==> flow/design.v <==
module selector #(
    parameter DWIDTH = 10,
    parameter N_IN = 20,
    parameter SW = $clog2(N_IN)
) (
    input wire clk,
    input wire [N_IN*DWIDTH-1:0] in,
    input wire [SW-1:0] idx,
    output wire [DWIDTH-1:0] y
);
    wire [DWIDTH-1:0] lanes [0:N_IN-1];
    genvar k;
    generate
        for (k = 0; k < N_IN; k = k + 1) begin : stage
            assign lanes[k] = in[k*DWIDTH +: DWIDTH];
        end
    endgenerate
    reg [DWIDTH-1:0] y_r;
    always @(posedge clk) begin
        y_r <= lanes[idx];
    end
    assign y = y_r;
endmodule
Reports on selector

Tool output for the design above, in the order of the flow.
Lines are those of the file above, counted from 1.
Operators carry their Yosys type and port widths (W data, S select, Z words).
Cell names lack the library's common part.
Not given: -

Top: selector
Clock: clk
Standard-cell library: sky130hd
Corner: tt_025C_1v80

Word level

Counts by Yosys on the flattened word-level netlist (proc, flatten, opt, wreduce; memories kept). Register bits leave out memories and registers merged into their read ports (data or address); mux counts leave out enables and synchronous resets folded into registers. Print and check cells are left out. Cells with the same type and inputs are merged into one.

Flip-flop bits (word level): 10
Input bits: 206
Output and inout port bits: 10
Elaborated cells: 22

Equality and inequality tests: 19
Mux-type cells: 1
Reductions and logical operators: 1

Operators by type and width:

| operator             | count |
| $pmux W10 S20        | 1 |
| $eq A5 B4 Y1 const B | 8 |
| $eq A5 B3 Y1 const B | 4 |
| $eq A5 B5 Y1 const B | 4 |
| $eq A5 B2 Y1 const B | 2 |
| $eq A5 B1 Y1 const B | 1 |
| $logic_not A5 Y1     | 1 |

Depth

Yosys ltp: most cells in a row. Word level: on the elaborated netlist, between registers, memories and ports. Mapped: between sequential cells and ports; inverters and the memories' decode and read muxes count.

Depth in word-level cells: 2
ABC_AREA: 0
Depth in mapped cells: 8
Depth with buffers taken out: 5

Synthesis result

Yosys stat after the flow's synthesis: flattened, memories mapped to cells. It holds for the ABC_AREA given above (unset counts as 0); a run with the other value may have another netlist.
Totals and module areas in this step are rounded.

Cell count: 300
Cell area after synthesis: 2256 um2
Area of sequential cells: 200.2 um2
Mapped flip-flops: 10
Buffer cells: 34

Cells by type:

| cell type | count | total area (um2) |
| dfxtp_1   | 10    | 200.192 |
| a32oi_1   | 20    | 175.168 |
| mux2i_1   | 17    | 170.163 |
| mux2_2    | 11    | 123.869 |
| a22o_1    | 12    | 105.101 |
| buf_2     | 21    | 105.101 |
| nand3_1   | 21    | 105.101 |
| a31oi_1   | 16    | 100.096 |
| o32a_1    | 8     | 80.077 |
| buf_6     | 7     | 78.826 |
| o21ai_0   | 15    | 75.072 |
| a22oi_1   | 9     | 67.565 |
| nand2_1   | 18    | 67.565 |
| and3_1    | 10    | 62.56 |
| nor2_1    | 13    | 48.797 |
| nand4_1   | 7     | 43.792 |
| a32o_1    | 4     | 40.038 |
| nor2b_1   | 6     | 37.536 |

Other cell types: 37; their cells: 75.

Worst setup path after synthesis

Path of least setup slack by OpenSTA after synthesis, without wires, with an ideal clock, recovery checks aside; 20% of the period is set as input and as output delay. Where synthesis merged equal registers, the netlist keeps one of their names.

Path kind: input -> register
Start: input port idx[1]
End: register y_r[3]
Clock period: 2160 ps
External input delay: 432 ps
Setup time: 122 ps
Launch time at the first pin: 432 ps
Data arrival time: 1690 ps
Required time: 2038 ps
Setup slack: 349 ps
Delay of the path: 1380 ps
Stages on the path: 7
Buffers on the path: 3
Synthesis period reached: 1811 ps

"delay of the path" is the arrival time less input delay plus setup time.
"stages on the path" counts driving pins, that of a launching flip-flop among them; a cell with two outputs on the path counts twice.
"synthesis period reached" = period - worst setup slack (recovery checks aside). The figure is calculated, with input and output delays left at 20% of the set period.
Between the ends stands the longest chain of elaborated cells between them, by number of cells; it is not shown to be the way that was timed. Of several equally long chains one is given.
A line is the first line of the expression or statement that the cell stems from. Yosys adds cells for indexed reads and writes and turns some case tables into memories.

Path through: buf_6 buf_6 buf_2 mux2_2 nand3_1 nand3_1 o32a_1
Length of the longest elaborated chain: 2
Elaborated cells on any way between the ends: 21
RTL lines with such cells: 1
Those cells by class: 19 x eq/ne; 1 x mux; 1 x reduce/logical

RTL lines, path after synthesis:

| what               | RTL line | RTL |
| start: declaration | 8        | `input wire [SW-1:0] idx,` |
| $eq A5 B5 Y1       | 20       | `y_r <= lanes[idx];` |
| $pmux W10 S20      | 20       |  |
| end: assignment    | 20       |  |
| end: declaration   | 18       | `reg [DWIDTH-1:0] y_r;` |

Path in the finished layout

Path of least setup slack in the final report of flow run 1 (OpenROAD, finished layout, wires in). Where an end is a register, its clock arrival counts in the times.
The report prints the path's times to 10 ps; the period is as set.

Path kind: input -> register
Start: input port idx[2]
End: register y_r[0]
Clock period: 2160 ps
External input delay: 430 ps
Setup time: 50 ps
Launch time at the first pin: 430 ps
Data arrival time: 2110 ps
Required time: 2350 ps
Setup slack: 240 ps
Stages on the path: 6
Buffers on the path: 1

Between the ends stands the longest chain of elaborated cells between them, by number of cells; it is not shown to be the way that was timed. Of several equally long chains one is given.

Path through: buf_2 nor3b_2 and3_1 a31oi_1 nand4_1 o32a_1
Length of the longest elaborated chain: 2
Elaborated cells on any way between the ends: 21
RTL lines with such cells: 1
Those cells by class: 19 x eq/ne; 1 x mux; 1 x reduce/logical

RTL lines, path after layout:

| what               | RTL line | RTL |
| start: declaration | 8        | `input wire [SW-1:0] idx,` |
| $eq A5 B5 Y1       | 20       | `y_r <= lanes[idx];` |
| $pmux W10 S20      | 20       |  |
| end: assignment    | 20       |  |
| end: declaration   | 18       | `reg [DWIDTH-1:0] y_r;` |

Subject: selector on sky130hd, stored results

Hello all,

selector through Yosys and OpenROAD on sky130hd: 3 stored runs, unordered, with their settings and measured results. The constraints put input and output delay at 20% of the set period each and load the outputs with 0.01 pF.
"reached clock period" is the run's clock period less its worst setup slack. It is reckoned from that one timing run; input and output delays stay at 20% of the period that was set.
"worst setup path time": the worst setup path's part of the clock period (all of it between registers, 20% less for each end at a port) less its slack. A launch clock that arrives late makes it longer, a capture clock that arrives late makes it shorter.
"total power of the final layout" rests on the timing tool's default activity at the inputs, not on a simulated workload.
"worst setup path time" is known to 10 ps.
The measured numbers are rounded.
A setting shown as -- is not set for that run.
Results: -- = not shown.

| setting or result                      | flow run 1        | flow run 2 | flow run 3        |
| period_ns                              | 2.16              | 1.09       | 3.23              |
| CAP_MARGIN                             | 20                | 20         | 20                |
| CORE_MARGIN                            | 2                 | 2          | 2                 |
| CORE_UTILIZATION                       | 40                | 54         | 19                |
| SLEW_MARGIN                            | 20                | 35         | 20                |
| SETUP_SLACK_MARGIN                     | --                | -0.1       | --                |
| PLACE_DENSITY_LB_ADDON                 | --                | 0.11       | 0.26              |
| CORE_ASPECT_RATIO                      | --                | 1.51       | 1.51              |
| CELL_PAD_IN_SITES_DETAIL_PLACEMENT     | --                | 0          | --                |
| ABC_AREA                               | --                | 1          | 0                 |
| GPL_ROUTABILITY_DRIVEN                 | --                | 0          | --                |
| CTS_CLUSTER_DIAMETER                   | --                | 149        | --                |
| MAX_ROUTING_LAYER                      | --                | met5       | met4              |
| HOLD_SLACK_MARGIN                      | --                | --         | 0.27              |
| CTS_CLUSTER_SIZE                       | --                | --         | 75                |
| total power of the final layout (mW)   | 1.315             | --         | 0.9671            |
| standard-cell area after routing (um2) | 4698              | --         | 4599              |
| post-route worst hold slack (ps)       | 789               | --         | 1001              |
| reached clock period (ps)              | 1923              | --         | 2555              |
| worst setup path time (ps)             | 1490              | --         | 1910              |
| worst setup path type                  | input -> register | --         | input -> register |
| total die area (um2)                   | 6257              | --         | 12780             |
| final design utilization (%)           | 85.8              | --         | 39.9              |
| worst setup slack after layout (ps)    | 237               | --         | 675               |
| chip area in the Yosys report (um2)    | 2256              | --         | 2256              |
| sum of negative setup slack (ps)       | 0                 | --         | 0                 |

Flow run 2: no results, placement failed with FLW-0024

Thanks
